==> flow/design.v <==
module core_addsub_n #(
  parameter BITS = 48
) (
  input logic clock,
  input logic aresetn,
  input logic valid,
  input logic [BITS-1:0] src1,
  input logic [BITS-1:0] src2,
  output logic [BITS-1:0] q
);
  logic [BITS-1:0] r_src1;
  logic [BITS-1:0] r_src2;
  logic [BITS:0] r_t;
  always_ff @(posedge clock or negedge aresetn) begin
    if (~aresetn) begin
      r_src1 <= 0;
      r_src2 <= 0;
      r_t <= 0;
      q <= 0;
    end else if (valid) begin
      r_src1 <= src1;
      r_src2 <= src2;
      r_t <= r_src1 - r_src2;
      q <= r_t[BITS] ? {BITS{1'b0}} : r_t[BITS-1:0];
    end
  end
endmodule
### Step by step through the tools: core_addsub_n

The steps from the RTL of core_addsub_n to its reports follow in flow order.
Line numbers count from 1 in the design file above.
Not given: --

| inputs | value |
|---|---|
| top | core_addsub_n |
| clock | clock |
| library | sky130hd |
| library corner | tt_025C_1v80 |

### Word level

Counts by Yosys on the flattened word-level netlist (proc, flatten, opt, wreduce; memories kept). Register bits leave out memories and registers merged into their read ports (data or address); mux counts leave out enables and synchronous resets folded into registers. Print and check cells are left out. Cells with the same type and inputs are merged into one.

| operators by class | value |
|---|---|
| add/sub/neg operators | 1 |
| muxes and demuxes | 1 |

Operators by type and width:

| cell | count |
|---|---|
| 48-bit by 48-bit subtractor with 49-bit output | 1 |
| 48-bit two-way mux | 1 |

| word-level totals | value |
|---|---|
| word-level cells | 6 |
| register bits after elaboration | 193 |
| output and inout port bits | 48 |
| input bits | 99 |

### Logic depth

Depth = most cells in a row (Yosys ltp): at word level without a register or memory, in the mapped netlist without a sequential cell, where the memories' decode and read muxes count.

| logic depth | value |
|---|---|
| word-level depth | 1 |
| ABC_AREA | 0 |
| gate-level depth with buffers | 12 |
| gate-level depth less buffers | 12 |

### Mapped cells and area

The flow's flattened synthesis, as Yosys stat reports it; memories are mapped. The netlist is that of the ABC_AREA named above (0 if unset); the other value can give another one.

Cell types:

| type | count | total area (um^2) |
|---|---|---|
| sky130_fd_sc_hd__dfrtp_1 | 193 | 4.83E+03 |
| sky130_fd_sc_hd__mux2_2 | 81 | 912.125 |
| sky130_fd_sc_hd__ha_1 | 48 | 600.576 |
| sky130_fd_sc_hd__a31o_2 | 44 | 385.37 |
| sky130_fd_sc_hd__o21ai_0 | 72 | 360.346 |
| sky130_fd_sc_hd__nand2_1 | 88 | 330.317 |
| sky130_fd_sc_hd__nor2b_1 | 44 | 275.264 |
| sky130_fd_sc_hd__a21oi_1 | 54 | 270.259 |
| sky130_fd_sc_hd__a21o_1 | 31 | 232.723 |
| sky130_fd_sc_hd__inv_1 | 62 | 232.723 |
| sky130_fd_sc_hd__xnor2_1 | 23 | 201.443 |
| sky130_fd_sc_hd__xor2_1 | 15 | 131.376 |
| sky130_fd_sc_hd__clkbuf_1 | 34 | 127.622 |
| sky130_fd_sc_hd__nand4_1 | 20 | 125.12 |
| sky130_fd_sc_hd__nor2_1 | 25 | 93.84 |
| sky130_fd_sc_hd__o21a_1 | 11 | 82.579 |
| sky130_fd_sc_hd__o21bai_1 | 9 | 67.565 |
| sky130_fd_sc_hd__o31ai_1 | 8 | 60.058 |

Other cell types: 48; their cells: 119.

| mapped netlist | value |
|---|---|
| flip-flops | 193 |
| chip area (Yosys) | 0.0101998 mm^2 |
| cell count | 981 |
| buffers | 53 |
| area of sequential cells | 0.0048296 mm^2 |

### Timing after synthesis

OpenSTA on the mapped netlist: ideal clock, no wires. The path of least setup slack (recovery checks aside). Input and output delay are each 20% of the period. Register names are those of the netlist, which keeps one name where synthesis merged equal registers.

| timing after synthesis | value |
|---|---|
| path kind | register -> register |
| start point | register r_src1[0] |
| end point | register r_t[32] |
| setup slack | 0.630 ns |
| period | 3.17 ns |
| launch time at the first pin | 0.000 ns |
| setup time | 0.125 ns |
| path delay | 2.540 ns |
| data arrival time | 2.415 ns |
| driving pins on the path | 13 |
| path buffers | 0 |
| data required time | 3.045 ns |
| synthesis period reached | 2.54 ns |

"path delay" is the arrival time less input delay plus setup time.
"driving pins on the path": output pins that drive a net of the path, with the launching flip-flop's if there is one; two outputs of one cell count as two.
"synthesis period reached" = period - worst setup slack (recovery checks aside). The figure is calculated, with input and output delays left at 20% of the set period.
The rows between start and end are the longest chain of elaborated cells between them; the timing report does not say that the signal goes this way. Where chains are equally long, one stands for them.
Each line given opens the expression or statement behind the cell; cells for indexed reads and writes are added by Yosys, which also makes memories of some case tables.

| on the way, after synthesis | value |
|---|---|
| cell sequence | sky130_fd_sc_hd__dfrtp_1 -> sky130_fd_sc_hd__inv_1 -> sky130_fd_sc_hd__ha_1 -> sky130_fd_sc_hd__fa_1 -> sky130_fd_sc_hd__nor2b_4 -> sky130_fd_sc_hd__o31a_1 -> sky130_fd_sc_hd__o21a_1 -> sky130_fd_sc_hd__o311ai_2 -> sky130_fd_sc_hd__and3_1 -> sky130_fd_sc_hd__o21a_2 -> sky130_fd_sc_hd__o21ai_2 -> sky130_fd_sc_hd__xor2_1 -> sky130_fd_sc_hd__mux2_2 |
| cells in the longest elaborated chain | 1 |
| elaborated cells between the ends (all ways) | 1 |
| source lines of those cells | 1 |
| those cells by class | add/sub (1) |

RTL lines, path after synthesis:

| item | line | text |
|---|---|---|
| start: declaration | 11 | `logic [BITS-1:0] r_src1;` |
| start: assignment | 16 | `r_src1 <= 0;` |
| start: assignment | 21 | `r_src1 <= src1;` |
| 48-bit by 48-bit subtractor with 49-bit output | 23 | `r_t <= r_src1 - r_src2;` |
| end: assignment | 18 | `r_t <= 0;` |
| end: assignment | 23 |  |
| end: declaration | 13 | `logic [BITS:0] r_t;` |

### Timing after layout

From the final timing report of run A: the path of least setup slack in the routed layout; clock arrival at registers is part of the times.

| timing after layout | value |
|---|---|
| path kind | register -> register |
| start point | register r_src2[1] |
| end point | register r_t[41] |
| period | 4.24 ns |
| setup slack | 1.33 ns |
| path buffers | 0 |
| driving pins on the path | 12 |
| data arrival time | 3.24 ns |
| launch time at the first pin | 0.44 ns |
| data required time | 4.57 ns |
| setup time | 0.11 ns |

The rows between start and end are the longest chain of elaborated cells between them; the timing report does not say that the signal goes this way. Where chains are equally long, one stands for them.

| on the way, after layout | value |
|---|---|
| cell sequence | sky130_fd_sc_hd__dfrtp_1 -> sky130_fd_sc_hd__inv_1 -> sky130_fd_sc_hd__ha_1 -> sky130_fd_sc_hd__nor2b_1 -> sky130_fd_sc_hd__o31ai_2 -> sky130_fd_sc_hd__a21oi_2 -> sky130_fd_sc_hd__o2111ai_1 -> sky130_fd_sc_hd__a211oi_2 -> sky130_fd_sc_hd__nor2_2 -> sky130_fd_sc_hd__o21ai_0 -> sky130_fd_sc_hd__xor2_1 -> sky130_fd_sc_hd__mux2_2 |
| cells in the longest elaborated chain | 1 |
| elaborated cells between the ends (all ways) | 1 |
| source lines of those cells | 1 |
| those cells by class | add/sub (1) |

RTL lines, path after layout:

| item | line | text |
|---|---|---|
| start: declaration | 12 | `logic [BITS-1:0] r_src2;` |
| start: assignment | 17 | `r_src2 <= 0;` |
| start: assignment | 22 | `r_src2 <= src2;` |
| 48-bit by 48-bit subtractor with 49-bit output | 23 | `r_t <= r_src1 - r_src2;` |
| end: assignment | 18 | `r_t <= 0;` |
| end: assignment | 23 |  |
| end: declaration | 13 | `logic [BITS:0] r_t;` |

==> runs of core_addsub_n <==
Below are 3 stored runs of the flow (Yosys, OpenROAD; platform sky130hd) on core_addsub_n, each with its settings and what was measured, unordered. Constraints: input delay and output delay 20% of the set period each, output load 0.01 pF.
By "clock period reached" is meant the clock period of the run minus its worst setup slack. This is arithmetic on one report: input and output delays are still those of the set period (20% each).
"time of the worst setup path": the worst setup path's part of the clock period (all of it between registers, 20% less for each end at a port) less its slack. A launch clock that arrives late makes it longer, a capture clock that arrives late makes it shorter.
"total power after layout" rests on the timing tool's default activity at the inputs, not on a simulated workload.
A setting shown as - is not set for that run.

| name | run A | run B | run C |
|---|---|---|---|
| period_ns | 4.24 | 3.23 | 3.17 |
| CORE_UTILIZATION | 22 | 35 | 40 |
| SETUP_SLACK_MARGIN | 0.74 | - | - |
| PLACE_DENSITY | 0.72 | - | - |
| HOLD_SLACK_MARGIN | -0.07 | - | - |
| CTS_CLUSTER_SIZE | 30 | 64 | - |
| CTS_CLUSTER_DIAMETER | 230 | 62 | - |
| CAP_MARGIN | 20 | 20 | 20 |
| CORE_MARGIN | 2 | 2 | 2 |
| SLEW_MARGIN | 20 | 20 | 20 |
| TNS_END_PERCENT | - | 70 | - |
| GPL_TIMING_DRIVEN | - | 0 | - |
| MAX_ROUTING_LAYER | - | met5 | - |
| worst setup slack after layout (ns) | 1.328 | 0.213 | 0.320 |
| sum of negative setup slack (ns) | 0.000 | 0.000 | 0.000 |
| total power after layout (mW) | 6.104 | 7.967 | 8.184 |
| die size (mm^2) | 0.0481013 | 0.0305236 | 0.0267928 |
| standard-cell area after layout (mm^2) | 0.0128536 | 0.0127722 | 0.0125758 |
| cell area after synthesis (mm^2) | 0.0101998 | 0.0101998 | 0.0101998 |
| time of the worst setup path (ns) | 2.91 | 2.37 | 2.85 |
| worst setup path kind | register -> register | input -> register | register -> register |
| final utilization (%) | 28.2 | 44.5 | 50.1 |
| clock period reached (ns) | 2.912 | 3.017 | 2.850 |
